==> flow/design.v <==
module mul_unit #(
   parameter BITS = 7,
   parameter K = 10
) (
   input  wire ck,
   input  wire i_rst,
   input  wire en,
   input  wire [BITS-1:0] da,
   input  wire [K-1:0] db,
   output wire [BITS+K-1:0] res
);
   reg [BITS+K-1:0] res_s;
   always @(posedge ck or posedge i_rst) begin
      if (i_rst) begin
         res_s <= 0;
      end else if (en) begin
         res_s <= da * db;
      end
   end
   assign res = res_s;
endmodule
---- Tool chain data of mul_unit ----
What the tools print for mul_unit, step after step.
Lines are those of the file above, counted from 1.
A cell with - has no value.
inputs
  top module .............................. mul_unit
  clock port .............................. ck
  standard-cell library ................... sky130hd
  corner .................................. tt_025C_1v80

---- Word level ----
Yosys after proc, flatten, opt, wreduce and memory -nomap, before mapping. Enables and synchronous resets that opt folds into registers are not counted as muxes. Memory bits, and registers merged into a memory's read port (data or address), are not among the register bits. Print and check cells are not counted. Equal cells are merged and count once.
word-level totals
  flip-flop bits (word level) ............. 17
  input bits .............................. 20
  output and inout port bits .............. 17
  elaborated cells ........................ 2
cells by class
  $mul .................................... 1
operators with widths
  kind                         count
  multiplier 7 x 10 -> 17 bit  1

---- Depth ----
Depth = most cells in a row (Yosys ltp): at word level without a register or memory, in the mapped netlist without a sequential cell, where the memories' decode and read muxes count.
depth
  depth in word-level cells ............... 1
  ABC_AREA ................................ 0
  depth in mapped cells ................... 16
  gate-level depth less buffers ........... 15

---- Netlist ----
Yosys stat after the flow's synthesis: flattened, memories mapped to cells. It holds for the ABC_AREA given above (unset counts as 0); a run with the other value may have another netlist.
mapped netlist
  mapped cells ............................ 329
  synthesis area .......................... 0.0029854 mm^2
  area of sequential cells ................ 0.0004254 mm^2
  mapped flip-flops ....................... 17
  buffers ................................. 8
cells by type
  type                        count  area in all (um^2)
  sky130_fd_sc_hd__fa_1       39     780.749
  sky130_fd_sc_hd__ha_1       35     437.92
  sky130_fd_sc_hd__dfrtp_1    17     425.408
  sky130_fd_sc_hd__and2_1     56     350.336
  sky130_fd_sc_hd__inv_1      45     168.912
  sky130_fd_sc_hd__nand2_1    29     108.854
  sky130_fd_sc_hd__a21oi_1    14     70.067
  sky130_fd_sc_hd__mux2_2     5      56.304
  sky130_fd_sc_hd__o21ai_0    9      45.043
  sky130_fd_sc_hd__xnor2_1    5      43.792
  sky130_fd_sc_hd__nand3_1    8      40.038
  sky130_fd_sc_hd__nor2_1     10     37.536
  sky130_fd_sc_hd__a2111oi_4  1      27.526
  sky130_fd_sc_hd__o311ai_0   3      26.275
  sky130_fd_sc_hd__and3_1     4      25.024
  sky130_fd_sc_hd__nor3_1     5      25.024
  sky130_fd_sc_hd__clkbuf_1   5      18.768
  sky130_fd_sc_hd__nor2b_1    3      18.768
Not listed: further types 29, cells in them 36.

---- Worst setup path after synthesis ----
Source: OpenSTA report_checks on the synthesized netlist (no wires, ideal clock, input and output delay 20% of the period each), path of least setup slack; recovery checks are left aside. Register names are those of the netlist, which keeps one name where synthesis merged equal registers.
timing path after synthesis
  kind .................................... input port to flip-flop
  start point ............................. in db[3]
  end point ............................... reg res_s[9]
  period .................................. 6.03 ns
  input delay ............................. 1.206 ns
  setup time .............................. 0.116 ns
  arrival ................................. 4.951 ns
  setup slack ............................. 0.963 ns
  path delay .............................. 3.861 ns
  driving pins on the path ................ 15
  buffers on the path ..................... 0
  period reached after synthesis .......... 5.067 ns
"path delay" = arrival - input delay + setup time.
"driving pins on the path": output pins that drive a net of the path, with the launching flip-flop's if there is one; two outputs of one cell count as two.
"period reached after synthesis" = period - worst setup slack (recovery checks aside). The figure is calculated, with input and output delays left at 20% of the set period.
Between the ends stands the longest chain of elaborated cells between them, by number of cells; it is not shown to be the way that was timed. Of several equally long chains one is given.
A line is the first line of the expression or statement that the cell stems from. Yosys adds cells for indexed reads and writes and turns some case tables into memories.
on the way, after synthesis
  cell sequence ........................... sky130_fd_sc_hd__and2_1 sky130_fd_sc_hd__fa_1 sky130_fd_sc_hd__inv_1 sky130_fd_sc_hd__fa_1 sky130_fd_sc_hd__inv_1 sky130_fd_sc_hd__fa_1 sky130_fd_sc_hd__inv_1 sky130_fd_sc_hd__fa_1 sky130_fd_sc_hd__inv_1 sky130_fd_sc_hd__ha_1 sky130_fd_sc_hd__a21oi_1 sky130_fd_sc_hd__nand2_1 sky130_fd_sc_hd__o21a_1 sky130_fd_sc_hd__or4_1 sky130_fd_sc_hd__o311ai_0
  length of the longest elaborated chain .. 1
  elaborated cells between the ends (all ways) .. 1
  source lines of those cells ............. 1
  those cells by class .................... mul (1)
RTL lines, path after synthesis
  element                      line  source
  start, declared              9     input  wire [K-1:0] db,
  multiplier 7 x 10 -> 17 bit  17    res_s <= da * db;
  end, assigned                15    res_s <= 0;
  end, assigned                17
  end, declared                12    reg [BITS+K-1:0] res_s;

---- Path in the finished layout ----
From the final timing report of stored run 1: the path of least setup slack in the routed layout; clock arrival at registers is part of the times.
timing path after layout
  kind .................................... input port to flip-flop
  start point ............................. in db[6]
  end point ............................... reg res_s[14]
  period .................................. 3.06 ns
  input delay ............................. 0.61 ns
  setup time .............................. 0.11 ns
  arrival ................................. 4.31 ns
  setup slack ............................. -1.10 ns
  driving pins on the path ................ 15
  buffers on the path ..................... 2
Between the ends stands the longest chain of elaborated cells between them, by number of cells; it is not shown to be the way that was timed. Of several equally long chains one is given.
on the way, after layout
  cell sequence ........................... sky130_fd_sc_hd__buf_2 sky130_fd_sc_hd__buf_4 sky130_fd_sc_hd__and2_1 sky130_fd_sc_hd__fa_1 sky130_fd_sc_hd__fa_2 sky130_fd_sc_hd__fa_1 sky130_fd_sc_hd__inv_1 sky130_fd_sc_hd__fa_1 sky130_fd_sc_hd__inv_2 sky130_fd_sc_hd__ha_4 sky130_fd_sc_hd__a2111oi_4 sky130_fd_sc_hd__o21ai_2 sky130_fd_sc_hd__a211oi_2 sky130_fd_sc_hd__xnor2_1 sky130_fd_sc_hd__mux2_4
  length of the longest elaborated chain .. 1
  elaborated cells between the ends (all ways) .. 1
  source lines of those cells ............. 1
  those cells by class .................... mul (1)
RTL lines, path after layout
  element                      line  source
  start, declared              9     input  wire [K-1:0] db,
  multiplier 7 x 10 -> 17 bit  17    res_s <= da * db;
  end, assigned                15    res_s <= 0;
  end, assigned                17
  end, declared                12    reg [BITS+K-1:0] res_s;

Subject: mul_unit on sky130hd, stored results

Hello all,

Flow measurements of mul_unit on sky130hd: 3 stored runs with different settings, listed in no order. Input and output delays are each 20% of the period that was set; the output load is 0.01 pF.
"period achieved" = clock period - worst setup slack. The figure is calculated, with input and output delays left at 20% of the set period.
"critical setup path time" means the part of the period allowed to the worst setup path (the constraints hold back 20% at inputs and 20% at outputs) less its slack; where the path has registers, the arrival times of their clocks count too.
By "overall power" is meant OpenSTA's value without simulated activity: inputs other than the clock are taken to toggle once in ten clock periods, and the tool carries that through the logic.

---- stored run 1 ----
settings
  period_ns = 3.06
  CORE_UTILIZATION = 32
  PLACE_DENSITY = 0.49
  CORE_MARGIN = 4
  CTS_CLUSTER_DIAMETER = 270
  CAP_MARGIN = 40
  MIN_ROUTING_LAYER = met1
  SLEW_MARGIN = 20
results
  chip area in the Yosys report ........... 0.0029854 mm^2
  full die area ........................... 0.0109391 mm^2
  std-cell area (final layout) ............ 0.0045994 mm^2
  utilization in the final report ......... 51.7%
  smallest setup slack .................... -1.105 ns
  setup TNS ............................... -10.954 ns
  worst hold slack in the final report .... 0.486 ns
  overall power ........................... 0.003554 W
  period achieved ......................... 4.165 ns
  critical setup path time ................ 3.55 ns
  type of the worst setup path ............ input port to flip-flop

---- stored run 2 ----
settings
  period_ns = 4.81
  CORE_UTILIZATION = 39
  PLACE_DENSITY_LB_ADDON = 0.03
  CORE_MARGIN = 4
  CELL_PAD_IN_SITES_GLOBAL_PLACEMENT = 0
  GPL_TIMING_DRIVEN = 0
  GPL_ROUTABILITY_DRIVEN = 0
  SLEW_MARGIN = 35
  MIN_ROUTING_LAYER = met1
  CAP_MARGIN = 20
results
  chip area in the Yosys report ........... 0.0029854 mm^2
  full die area ........................... 0.0091183 mm^2
  std-cell area (final layout) ............ 0.0036322 mm^2
  utilization in the final report ......... 49.5%
  smallest setup slack .................... 0.112 ns
  setup TNS ............................... 0.000 ns
  worst hold slack in the final report .... 0.486 ns
  overall power ........................... 0.001595 W
  period achieved ......................... 4.698 ns
  critical setup path time ................ 3.74 ns
  type of the worst setup path ............ input port to flip-flop

---- stored run 3 ----
settings
  period_ns = 6.03
  CAP_MARGIN = 20
  CORE_MARGIN = 2
  CORE_UTILIZATION = 40
  SLEW_MARGIN = 20
results
  chip area in the Yosys report ........... 0.0029854 mm^2
  full die area ........................... 0.0081704 mm^2
  std-cell area (final layout) ............ 0.0035046 mm^2
  utilization in the final report ......... 48.3%
  smallest setup slack .................... 0.398 ns
  setup TNS ............................... 0.000 ns
  worst hold slack in the final report .... 0.484 ns
  overall power ........................... 0.001118 W
  period achieved ......................... 5.632 ns
  critical setup path time ................ 4.43 ns
  type of the worst setup path ............ input port to flip-flop

Thanks
